==> flow/design.v <==
module alu_comparator_rtl #(
  parameter DW = 8
) (
  input clk,
  input aresetn,
  input [DW-1:0] i_a,
  input [DW-1:0] i_b,
  output reg o_a_lt_b,
  output reg o_equal
);
  wire [DW:0] cur;
  assign cur = {1'b0, i_a} - {1'b0, i_b};
  always @(posedge clk) begin
    if (~aresetn) begin
      o_a_lt_b <= 1'b0;
      o_equal <= 1'b0;
    end else begin
      o_a_lt_b <= cur[DW];
      o_equal <= ~|cur[DW-1:0];
    end
  end
endmodule
# Reports on alu_comparator_rtl
# Tool output for the members of one design family, told apart by "DW", in the order of the flow.
# The RTL above is that of DW 8; lines are counted from 1 in the file of the member named.
# Library cell names are shortened.
# Not given: -
# setup
design,alu_comparator_rtl
clk_port,clk
library,sky130hd
corner,tt_025C_1v80

# Members of the sweep
# New or changed lines of each further member against the RTL above, in its own file; lines it lacks are not shown.
# src_changes
DW,line,rtl
32,2,parameter DW = 32
36,2,parameter DW = 36

# Word level
# Source: Yosys, flattened and elaborated, memories not mapped. Widths are those after wreduce; folded enables and synchronous resets count as part of the registers. Registers that Yosys merges into a memory's read port (data or address) are not register bits. Print and check cells do not count. Equal cells are merged and count once.
# op_classes
DW,reduce_and_logical,addsub
8,2,1
32,2,1
36,2,1
# ops
DW,op_list
8,1 x subtractor 8 x 8 -> 9 bit; 1 x OR reduction 8 bit; 1 x logical NOT 1 bit
32,1 x subtractor 32 x 32 -> 33 bit; 1 x OR reduction 32 bit; 1 x logical NOT 1 bit
36,1 x subtractor 36 x 36 -> 37 bit; 1 x OR reduction 36 bit; 1 x logical NOT 1 bit
# word_totals
DW,ff_bits,out_inout_bits,inputBits
8,2,2,18
32,2,2,66
36,2,2,74

# Longest topological paths
# Longest topological path by Yosys (ltp), each cell counted once; first at word level (registers and memories cut), then after technology mapping (sequential cells cut; the memories' decode and read muxes count).
# logic_depth
DW,depth_word,ABC_AREA,depth_mapped,ltp_nobuf
8,3,0,8,8
32,3,0,12,12
36,3,0,14,14

# After synthesis
# Source: synth_stat.txt of the flow (Yosys; design flattened, memories mapped). It holds for the ABC_AREA given above (unset counts as 0); a run with the other value may have another netlist.
# Totals and module areas in this step are rounded.
# types
DW,cell_types
8,8 x ha_1; 2 x dfxtp_1; 10 x inv_1; 3 x xor2_1; 4 x a21oi_1; 1 x fa_1; 2 x xnor2_1; 3 x o21ai_0; 1 x o221a_2; 1 x o41a_1; 1 x or4_4; 1 x nor3_2; 1 x and3b_1; 1 x o21ai_2; 1 x a21boi_0; 1 x and2b_1; 1 x nand3b_1; 2 x nor2_1; (+7)
32,32 x ha_1; 31 x a21oi_1; 37 x inv_1; 31 x nand2_1; 14 x a21o_1; 20 x o21ai_0; 10 x xnor2_1; 17 x nor2_1; 7 x xor2_1; 9 x nand4_1; 7 x o211ai_1; 7 x o21a_1; 2 x dfxtp_1; 4 x mux2i_1; 8 x nand3_1; 3 x a211oi_2; 6 x nand2b_1; 6 x nor3_1; (+67)
36,36 x ha_1; 45 x inv_1; 31 x a21oi_1; 27 x nand2_1; 20 x o21ai_0; 10 x xnor2_1; 11 x a21o_1; 22 x nor2_1; 14 x nor3_1; 11 x nand4_1; 13 x nand3_1; 8 x o21a_1; 6 x a211oi_1; 5 x xor2_1; 2 x dfxtp_1; 8 x o21ai_1; 5 x o21bai_1; 7 x buf_2; (+82)
# A list marked (+n) leaves out that many cells.
# synth_totals
DW,sequential_area_um2,synth_area_um2,ff_cells,buf_cells,cell_count
8,40.0,409,2,0,51
32,40.0,2190,2,8,318
36,40.0,2420,2,13,363

# Path before layout
# Path of least setup slack by OpenSTA after synthesis, without wires, with an ideal clock, recovery checks aside; 20% of the period is set as input and as output delay. Where synthesis merged equal registers, the netlist keeps one of their names.
# synth_timing
DW,path_kind,startpoint,endpoint,tclk_ns,delay_ns,path_stages,path_slack_ns,synth_period_reached_ns
8,input to register,input port i_a[0],register o_equal,2.65,1.694,8,0.426,2.224
32,input to register,input port i_a[0],register o_equal,4.24,2.712,12,0.680,3.56
36,input to register,input port i_a[0],register o_equal,4.58,2.932,14,0.732,3.848
# "delay_ns" is the arrival time less input delay plus setup time.
# "path_stages": output pins that drive a net of the path, with the launching flip-flop's if there is one; two outputs of one cell count as two.
# "synth_period_reached_ns" is the clock period less the worst setup slack; recovery checks do not enter. This is arithmetic on one report: input and output delays are still those of the set period (20% each).
# Between the ends stands the longest chain of elaborated cells between them, by number of cells; it is not shown to be the way that was timed. Of several equally long chains one is given.
# A line is the first line of the expression or statement that the cell stems from. Yosys adds cells for indexed reads and writes and turns some case tables into memories.
# synth_between_DW_8
elab_chain_len,3
# synth_lines_DW_8
item,line,rtl
start: declaration,6,"input [DW-1:0] i_a,"
subtractor 8 x 8 -> 9 bit,12,"assign cur = {1'b0, i_a} - {1'b0, i_b};"
OR reduction 8 bit,19,o_equal <= ~|cur[DW-1:0];
logical NOT 1 bit,19,
end: assignment,16,o_equal <= 1'b0;
end: assignment,19,
end: declaration,9,output reg o_equal
# synth_between_DW_36
elab_chain_len,3
# synth_lines_DW_36
item,line,rtl
start: declaration,6,"input [DW-1:0] i_a,"
subtractor 36 x 36 -> 37 bit,12,"assign cur = {1'b0, i_a} - {1'b0, i_b};"
OR reduction 36 bit,19,o_equal <= ~|cur[DW-1:0];
logical NOT 1 bit,19,
end: assignment,16,o_equal <= 1'b0;
end: assignment,19,
end: declaration,9,output reg o_equal

# Worst path after layout
# Path of least setup slack in the final report of each member's run (OpenROAD, finished layout, wires in). Where an end is a register, its clock arrival counts in the times.
# layout_timing
DW,path_kind,startpoint,endpoint,path_slack_ns,arrival_ns,n_path_buf,path_stages,tclk_ns
8,input to register,input port i_a[0],register o_equal,0.11,2.66,1,9,2.65
32,input to register,input port i_a[0],register o_equal,0.31,4.07,1,13,4.24
36,input to register,input port i_b[3],register o_equal,0.20,4.50,2,15,4.58

# Layout results
# One run of the flow (Yosys, OpenROAD) for each member, with settings and measured results. Input and output delays are each 20% of the period that was set; the output load is 0.01 pF.
# flow_settings
CAP_MARGIN,20
CORE_MARGIN,2
CORE_UTILIZATION,40
SLEW_MARGIN,20
# settings_diff
DW,period_ns
8,2.65
32,4.24
36,4.58
# measured
DW,setupTns_ns,design_power_w,synth_chip_area_um2,design_die_area_um2,hold_ws_ns,finalUtil_pct,fin_ws_ns,period_less_ws_ns,finalCellArea_um2
8,0.000,0.000187,409,1290,0.985,68.2,0.112,2.538,638
32,0.000,0.000498,2190,6080,1.23,57.6,0.307,3.933,3000
36,0.000,0.000511,2420,6690,1.36,58.0,0.196,4.384,3410
# "period_less_ws_ns": clock period set for the run, less the worst setup slack. It is reckoned from that one timing run; input and output delays stay at 20% of the period that was set.
# "design_power_w": no workload was simulated; the value follows from the tool's default switching activity.
# The measured numbers are rounded.
